==> flow/design.v <==
module ex_aligner_mod (CLK, srst, ch, amt, result);
  parameter integer NBITS = 96;
  localparam integer SW = $clog2(NBITS);
  input CLK;
  input srst;
  input [NBITS-1:0] ch;
  input [SW-1:0] amt;
  output [NBITS-1:0] result;
  wire [NBITS-1:0] nd [0:SW];
  assign nd[0] = ch;
  genvar i;
  generate
    for (i = 0; i < SW; i = i + 1) begin : slice
      assign nd[i+1] = amt[i] ? nd[i] >> (1 << i) : nd[i];
    end
  endgenerate
  reg [NBITS-1:0] result_s;
  assign result = result_s;
  always @(posedge CLK or posedge srst) begin
    if (srst) begin
      result_s <= 0;
    end else begin
      result_s <= nd[SW];
    end
  end
endmodule
== Reports on ex_aligner_mod ==
What the tools print for ex_aligner_mod, step after step.
Lines are those of the file above, counted from 1.
Operators carry their Yosys type and port widths (W data, S select, Z words).
The mark -- stands for no value.
Design
  top: ex_aligner_mod
  clock port: CLK
  standard-cell library: sky130hd
  library corner: tt_025C_1v80

== Word-level counts ==
Counts by Yosys on the flattened word-level netlist (proc, flatten, opt, wreduce; memories kept). Register bits leave out memories and registers merged into their read ports (data or address); mux counts leave out enables and synchronous resets folded into registers. Print and check cells are left out. Cells with the same type and inputs are merged into one.
Operators by class
  muxes and demuxes: 7
Operator list (number)
  $mux W96: 7
Bit counts
  input bits: 105
  output and inout port bits: 96
  cells after elaboration: 8
  register bits after elaboration: 96

== Longest topological paths ==
Longest topological path by Yosys (ltp), each cell counted once; first at word level (registers and memories cut), then after technology mapping (sequential cells cut; the memories' decode and read muxes count).
Logic depth
  depth after elaboration: 7
  ABC_AREA: 0
  gate-level depth with buffers: 11
  gate-level depth less buffers: 6

== After synthesis ==
The flow's flattened synthesis, as Yosys stat reports it; memories are mapped. The netlist is that of the ABC_AREA named above (0 if unset); the other value can give another one.
The area totals of this step are shown rounded.
Cells by type
  sky130_fd_sc_hd__mux4_2: number 112, area in all 2.52E+03 um^2
  sky130_fd_sc_hd__dfrtp_1: number 96, area in all 2.4E+03 um^2
  sky130_fd_sc_hd__mux2_2: number 87, area in all 979.69 um^2
  sky130_fd_sc_hd__mux2i_1: number 89, area in all 890.854 um^2
  sky130_fd_sc_hd__nor2_1: number 110, area in all 412.896 um^2
  sky130_fd_sc_hd__nand2_1: number 107, area in all 401.635 um^2
  sky130_fd_sc_hd__mux4_1: number 13, area in all 341.578 um^2
  sky130_fd_sc_hd__o22ai_1: number 25, area in all 156.4 um^2
  sky130_fd_sc_hd__o21ai_0: number 31, area in all 155.149 um^2
  sky130_fd_sc_hd__clkbuf_1: number 38, area in all 142.637 um^2
  sky130_fd_sc_hd__a21oi_1: number 25, area in all 125.12 um^2
  sky130_fd_sc_hd__buf_12: number 6, area in all 120.115 um^2
  sky130_fd_sc_hd__o211ai_1: number 16, area in all 120.115 um^2
  sky130_fd_sc_hd__a211oi_1: number 15, area in all 112.608 um^2
  sky130_fd_sc_hd__buf_6: number 10, area in all 112.608 um^2
  sky130_fd_sc_hd__buf_2: number 21, area in all 105.101 um^2
  sky130_fd_sc_hd__o221ai_1: number 10, area in all 87.584 um^2
  sky130_fd_sc_hd__nor3_1: number 15, area in all 75.072 um^2
Not listed: further types 53, cells in them 161.
Synthesis totals
  mapped flip-flops: 96
  buffer cells: 98
  sequential part of the area: 0.0024 mm^2
  mapped area: 0.0105 mm^2
  mapped cells: 987

== Worst setup path after synthesis ==
Path of least setup slack by OpenSTA after synthesis, without wires, with an ideal clock, recovery checks aside; 20% of the period is set as input and as output delay. Where synthesis merged equal registers, the netlist keeps one of their names.
Timing after synthesis
  path type: input to register
  from: in amt[0]
  to: reg result_s[5]
  library setup time: 0.118 ns
  path slack: 0.516 ns
  arrival time: 2.576 ns
  clock period: 3.21 ns
  buffers on the path: 3
  driving pins on the path: 9
  required time: 3.092 ns
  input delay: 0.642 ns
  time at the first pin: 0.642 ns
  path delay: 2.052 ns
  synthesis period reached: 2.694 ns
"path delay" = arrival - input delay + setup time.
"driving pins on the path" counts driving pins, that of a launching flip-flop among them; a cell with two outputs on the path counts twice.
"synthesis period reached" is the clock period less the worst setup slack; recovery checks do not enter. This is arithmetic on one report: input and output delays are still those of the set period (20% each).
Between the ends stands the longest chain of elaborated cells between them, by number of cells; it is not shown to be the way that was timed. Of several equally long chains one is given.
A line is the first line of the expression or statement that the cell stems from. Yosys adds cells for indexed reads and writes and turns some case tables into memories.
On the way, after synthesis
  path through: sky130_fd_sc_hd__buf_6 sky130_fd_sc_hd__buf_8 sky130_fd_sc_hd__buf_6 sky130_fd_sc_hd__mux4_2 sky130_fd_sc_hd__mux4_2 sky130_fd_sc_hd__and3_1 sky130_fd_sc_hd__a31oi_1 sky130_fd_sc_hd__o21ai_1 sky130_fd_sc_hd__a21o_1
  cells in the longest elaborated chain: 7
  elaborated cells on any way between the ends: 7
  source lines of those cells: 1
  classes of those cells: mux (7)
RTL lines, path after synthesis
  start, declared: RTL line 7  | input [SW-1:0] amt;
  $mux W96 x7: RTL line 14  | assign nd[i+1] = amt[i] ? nd[i] >> (1 << i) : nd[i];
  end, assigned: RTL line 21  | result_s <= 0;
  end, assigned: RTL line 23  | result_s <= nd[SW];
  end, declared: RTL line 17  | reg [NBITS-1:0] result_s;

== Timing after layout ==
From the final timing report of entry A: the path of least setup slack in the routed layout; clock arrival at registers is part of the times.
Timing after layout
  path type: input to register
  from: in ch[49]
  to: reg result_s[14]
  arrival time: 3.21 ns
  driving pins on the path: 8
  input delay: 0.64 ns
  time at the first pin: 0.64 ns
  buffers on the path: 2
  clock period: 3.21 ns
  library setup time: 0.05 ns
  path slack: 0.28 ns
  required time: 3.50 ns
Between the ends stands the longest chain of elaborated cells between them, by number of cells; it is not shown to be the way that was timed. Of several equally long chains one is given.
On the way, after layout
  path through: sky130_fd_sc_hd__clkdlybuf4s50_1 sky130_fd_sc_hd__mux4_2 sky130_fd_sc_hd__mux2_2 sky130_fd_sc_hd__mux2i_1 sky130_fd_sc_hd__o21ai_0 sky130_fd_sc_hd__nand2b_1 sky130_fd_sc_hd__a221oi_1 sky130_fd_sc_hd__buf_4
  cells in the longest elaborated chain: 7
  elaborated cells on any way between the ends: 7
  source lines of those cells: 1
  classes of those cells: mux (7)
RTL lines, path after layout
  start, declared: RTL line 6  | input [NBITS-1:0] ch;
  $mux W96 x7: RTL line 14  | assign nd[i+1] = amt[i] ? nd[i] >> (1 << i) : nd[i];
  end, assigned: RTL line 21  | result_s <= 0;
  end, assigned: RTL line 23  | result_s <= nd[SW];
  end, declared: RTL line 17  | reg [NBITS-1:0] result_s;
Nets of the timed path that keep an RTL name, with a line that drives or declares them; the list need not be complete.
Named nets, after layout (RTL line)
  nd[7][14]: 14

Lab notebook: ex_aligner_mod

ex_aligner_mod through Yosys and OpenROAD on sky130hd: 3 stored runs, unordered, with their settings and measured results. The constraints put input and output delay at 20% of the set period each and load the outputs with 0.01 pF.
By "achieved clock period" is meant the clock period of the run minus its worst setup slack. This is arithmetic on one report: input and output delays are still those of the set period (20% each).
"worst setup path time": the worst setup path's part of the clock period (all of it between registers, 20% less for each end at a port) less its slack. A launch clock that arrives late makes it longer, a capture clock that arrives late makes it shorter.
"power" is the tool's figure for a default switching activity; nothing was simulated.
Results are given in rounded form.

Entry A
==> flow/run.sh <==
#!/bin/bash
# the make line also repeats the synthesis and layout settings of config.mk as NAME=value (left out here)
make -C /OpenROAD-flow-scripts/flow DESIGN_CONFIG=/design/flow/config.mk WORK_HOME=/design/flow/orfs CLKGATE_MAP_FILE= finish
==> flow/config.mk <==
export PLATFORM = sky130hd
export DESIGN_NAME = ex_aligner_mod
export DESIGN_NICKNAME = ex_aligner_mod
export VERILOG_FILES = /design/flow/design.v
export SDC_FILE = /design/flow/constraint.sdc
export NUM_CORES = 4
export LEC_CHECK = 0
export CAP_MARGIN = 20
export CORE_MARGIN = 2
export CORE_UTILIZATION = 40
export SLEW_MARGIN = 20
==> flow/constraint.sdc <==
create_clock -name core_clock -period 3.21 [get_ports {CLK}]
set_input_delay 0.6420 -clock core_clock [delete_from_list [all_inputs] [get_ports {CLK}]]
set_output_delay 0.6420 -clock core_clock [all_outputs]
set_load 0.01 [all_outputs]

==> results of entry A <==
chip area after synthesis (Yosys): 0.0105 mm^2
die area: 0.0275 mm^2
standard-cell area of the final layout: 0.0136 mm^2
utilization: 0.526
worst setup slack after layout: 0.283 ns
total negative slack: 0.000 ns
power: 4.90 mW
achieved clock period: 2.927 ns
worst setup path time: 2.28 ns
worst setup path kind: input to register

Entry B
==> flow/run.sh <==
#!/bin/bash
# the make line also repeats the synthesis and layout settings of config.mk as NAME=value (left out here)
make -C /OpenROAD-flow-scripts/flow DESIGN_CONFIG=/design/flow/config.mk WORK_HOME=/design/flow/orfs CLKGATE_MAP_FILE= finish
==> flow/config.mk <==
export PLATFORM = sky130hd
export DESIGN_NAME = ex_aligner_mod
export DESIGN_NICKNAME = ex_aligner_mod
export VERILOG_FILES = /design/flow/design.v
export SDC_FILE = /design/flow/constraint.sdc
export NUM_CORES = 4
export LEC_CHECK = 0
export CAP_MARGIN = 20
export CELL_PAD_IN_SITES_GLOBAL_PLACEMENT = 3
export CORE_MARGIN = 3
export CORE_UTILIZATION = 27
export MIN_ROUTING_LAYER = met1
export SLEW_MARGIN = 20
export TNS_END_PERCENT = 100
==> flow/constraint.sdc <==
create_clock -name core_clock -period 3.88 [get_ports {CLK}]
set_input_delay 0.7760 -clock core_clock [delete_from_list [all_inputs] [get_ports {CLK}]]
set_output_delay 0.7760 -clock core_clock [all_outputs]
set_load 0.01 [all_outputs]

==> results of entry B <==
chip area after synthesis (Yosys): 0.0105 mm^2
die area: 0.0413 mm^2
standard-cell area of the final layout: 0.0134 mm^2
utilization: 0.353
worst setup slack after layout: 0.526 ns
total negative slack: 0.000 ns
power: 4.03 mW
achieved clock period: 3.354 ns
worst setup path time: 2.58 ns
worst setup path kind: input to register

Entry C
==> flow/run.sh <==
#!/bin/bash
# the make line also repeats the synthesis and layout settings of config.mk as NAME=value (left out here)
make -C /OpenROAD-flow-scripts/flow DESIGN_CONFIG=/design/flow/config.mk WORK_HOME=/design/flow/orfs CLKGATE_MAP_FILE= finish
==> flow/config.mk <==
export PLATFORM = sky130hd
export DESIGN_NAME = ex_aligner_mod
export DESIGN_NICKNAME = ex_aligner_mod
export VERILOG_FILES = /design/flow/design.v
export SDC_FILE = /design/flow/constraint.sdc
export NUM_CORES = 4
export LEC_CHECK = 0
export ABC_AREA = 1
export CAP_MARGIN = 0
export CELL_PAD_IN_SITES_GLOBAL_PLACEMENT = 3
export CORE_ASPECT_RATIO = 1.34
export CORE_MARGIN = 2
export CORE_UTILIZATION = 20
export PLACE_DENSITY_LB_ADDON = 0.19
export SLEW_MARGIN = 20
==> flow/constraint.sdc <==
create_clock -name core_clock -period 4.02 [get_ports {CLK}]
set_input_delay 0.8040 -clock core_clock [delete_from_list [all_inputs] [get_ports {CLK}]]
set_output_delay 0.8040 -clock core_clock [all_outputs]
set_load 0.01 [all_outputs]

==> results of entry C <==
chip area after synthesis (Yosys): 0.00928 mm^2
die area: 0.0482 mm^2
standard-cell area of the final layout: 0.0119 mm^2
utilization: 0.259
worst setup slack after layout: 1.41 ns
total negative slack: 0.000 ns
power: 3.39 mW
achieved clock period: 2.613 ns
worst setup path time: 1.81 ns
worst setup path kind: input to register
